==> flow/design.v <==
module subtractor_top (ck, i_rst, x, y, diff, borrow);
  parameter DW = 40;
  input ck;
  input i_rst;
  input [DW-1:0] x;
  input [DW-1:0] y;
  output [DW-1:0] diff;
  output borrow;
  wire [DW:0] work;
  assign work = {1'b0, x} - {1'b0, y};
  reg [DW-1:0] r_diff;
  always @(posedge ck) begin
    if (i_rst) begin
      r_diff <= 0;
    end else begin
      r_diff <= work[DW-1:0];
    end
  end
  assign diff = r_diff;
  reg r_borrow;
  always @(posedge ck) begin
    if (i_rst) begin
      r_borrow <= 1'b0;
    end else begin
      r_borrow <= work[DW];
    end
  end
  assign borrow = r_borrow;
endmodule
Reports on subtractor_top --
What the tools print for subtractor_top, step after step. Lines are those of the file above, counted from 1. Library cell names are shortened. A cell with n/a has no value.
Design: design top subtractor_top, clock ck, library sky130hd, library corner tt_025C_1v80

After elaboration --
Counts by Yosys on the flattened word-level netlist (proc, flatten, opt, wreduce; memories kept). Register bits leave out memories and registers merged into their read ports (data or address); mux counts leave out enables and synchronous resets folded into registers. Print and check cells are left out. Cells with the same type and inputs are merged into one.
Storage and ports: elaborated cells 3, register bits 41, output and inout bits 41, input port bits 82
Operators by class: $add $sub $neg 1
Operators by type and width (count):
- 40-bit by 40-bit subtractor with 41-bit output | 1

Depth --
Depth = most cells in a row (Yosys ltp): at word level without a register or memory, in the mapped netlist without a sequential cell, where the memories' decode and read muxes count.
Depth: word-level depth 1, ABC_AREA 0, gate-level depth with buffers 10, gate-level depth less buffers 10

Mapped cells and area --
Source: synth_stat.txt of the flow (Yosys; design flattened, memories mapped). It holds for the ABC_AREA given above (unset counts as 0); a run with the other value may have another netlist.
Cells by type (count):
- dfxtp_1 | 41
- ha_1 | 40
- a21oi_1 | 47
- nor2_1 | 59
- inv_1 | 45
- a21o_1 | 18
- nand2_1 | 35
- xor2_1 | 13
- o21ai_0 | 16
- xnor2_1 | 9
- nand4_1 | 12
- o211ai_1 | 9
- nor3_1 | 12
- o21a_1 | 8
- mux2_1 | 5
- nor2b_1 | 8
- o21ai_1 | 9
- o21bai_1 | 6
Not listed: further types 41, cells in them 80.
Synthesis totals: mapped area 3559.7 um^2, mapped flip-flops 41, mapped cells 472

Path before layout --
Path of least setup slack by OpenSTA after synthesis, without wires, with an ideal clock, recovery checks aside; 20% of the period is set as input and as output delay. Where synthesis merged equal registers, the netlist keeps one of their names.
Timing path post-synthesis: kind in2reg, start point in x[0], end point reg r_borrow, external input delay 0.668 ns, data required time 3.215 ns, driving pins on the path 10, launch time at the first pin 0.668 ns, clock period 3.34 ns, path slack 0.532 ns, path delay 2.140 ns, setup time 0.125 ns, data arrival time 2.683 ns, period reached after synthesis 2.808 ns
"path delay" is the arrival time less input delay plus setup time. "driving pins on the path": output pins that drive a net of the path, with the launching flip-flop's if there is one; two outputs of one cell count as two. "period reached after synthesis" is the clock period less the worst setup slack; recovery checks do not enter. This is arithmetic on one report: input and output delays are still those of the set period (20% each). Between the ends stands the longest chain of elaborated cells between them, by number of cells; it is not shown to be the way that was timed. Of several equally long chains one is given. Each line given opens the expression or statement behind the cell; cells for indexed reads and writes are added by Yosys, which also makes memories of some case tables.
On the way, post-synthesis: cells stage by stage inv_1 ha_1 fa_1 nand2b_1 a21oi_1 o2111ai_1 a21oi_1 o31a_1 a21boi_1 o41a_1, cells in the longest elaborated chain 1, elaborated cells between the ends (all ways) 1
RTL lines, path post-synthesis:
- start, declared | line 5 | input [DW-1:0] x;
- 40-bit by 40-bit subtractor with 41-bit output | line 10 | assign work = {1'b0, x} - {1'b0, y};
- end, assigned | line 23 | r_borrow <= 1'b0;
- end, assigned | line 25 | r_borrow <= work[DW];
- end, declared | line 20 | reg r_borrow;

Worst path after layout --
Path of least setup slack in the final report of entry A (OpenROAD, finished layout, wires in). Where an end is a register, its clock arrival counts in the times.
Timing path after layout: kind in2reg, start point in x[0], end point reg r_diff[34], setup time 0.05 ns, launch time at the first pin 0.67 ns, clock period 3.34 ns, path slack 0.21 ns, external input delay 0.67 ns, data arrival time 3.37 ns, data required time 3.59 ns, driving pins on the path 12
Between the ends stands the longest chain of elaborated cells between them, by number of cells; it is not shown to be the way that was timed. Of several equally long chains one is given.
On the way, after layout: cells stage by stage clkdlybuf4s50_1 inv_1 ha_1 fa_1 nand2b_1 a21oi_2 buf_4 o2111ai_1 nand4_1 a31oi_1 or4_1 nand3_1, cells in the longest elaborated chain 1, elaborated cells between the ends (all ways) 1
RTL lines, path after layout:
- start, declared | line 5 | input [DW-1:0] x;
- 40-bit by 40-bit subtractor with 41-bit output | line 10 | assign work = {1'b0, x} - {1'b0, y};
- end, assigned | line 14 | r_diff <= 0;
- end, assigned | line 16 | r_diff <= work[DW-1:0];
- end, declared | line 11 | reg [DW-1:0] r_diff;

Module subtractor_top, platform sky130hd: 3 stored runs of the flow (Yosys, OpenROAD) with differing settings, in no particular order. Input and output delays are each 20% of the period that was set; the output load is 0.01 pF.
"achieved clock period" means the clock period less the worst setup slack. The figure is calculated, with input and output delays left at 20% of the set period.
"worst setup path time" means the part of the period allowed to the worst setup path (the constraints hold back 20% at inputs and 20% at outputs) less its slack; where the path has registers, the arrival times of their clocks count too.
[entry A] settings: period_ns=3.34, CAP_MARGIN=20, CORE_MARGIN=2, CORE_UTILIZATION=40, SLEW_MARGIN=20
[entry A] result: chip area after synthesis (Yosys) 3559.7 um^2, die area 9669.8 um^2, utilization 60.4%, worst setup slack after layout 0.215 ns, achieved clock period 3.125 ns, worst setup path time 2.46 ns, worst setup path kind in2reg
[entry B] settings: period_ns=2.81, CORE_UTILIZATION=40, SETUP_SLACK_MARGIN=-0.14, PLACE_DENSITY=0.81, HOLD_SLACK_MARGIN=-0.03, CELL_PAD_IN_SITES_DETAIL_PLACEMENT=2, TNS_END_PERCENT=45, GPL_TIMING_DRIVEN=0, GPL_ROUTABILITY_DRIVEN=0, CTS_CLUSTER_SIZE=14, MAX_ROUTING_LAYER=met4, CAP_MARGIN=20, CORE_MARGIN=2, SLEW_MARGIN=20
[entry B] result: did not finish, placement stopped with DPL-0033
[entry C] settings: period_ns=3.32, CORE_UTILIZATION=49, TNS_END_PERCENT=95, CTS_CLUSTER_SIZE=14, CAP_MARGIN=40, MIN_ROUTING_LAYER=met2, CORE_MARGIN=2, SLEW_MARGIN=20
[entry C] result: chip area after synthesis (Yosys) 3559.7 um^2, die area 7962.0 um^2, utilization 73.3%, worst setup slack after layout 0.177 ns, achieved clock period 3.143 ns, worst setup path time 2.48 ns, worst setup path kind in2reg
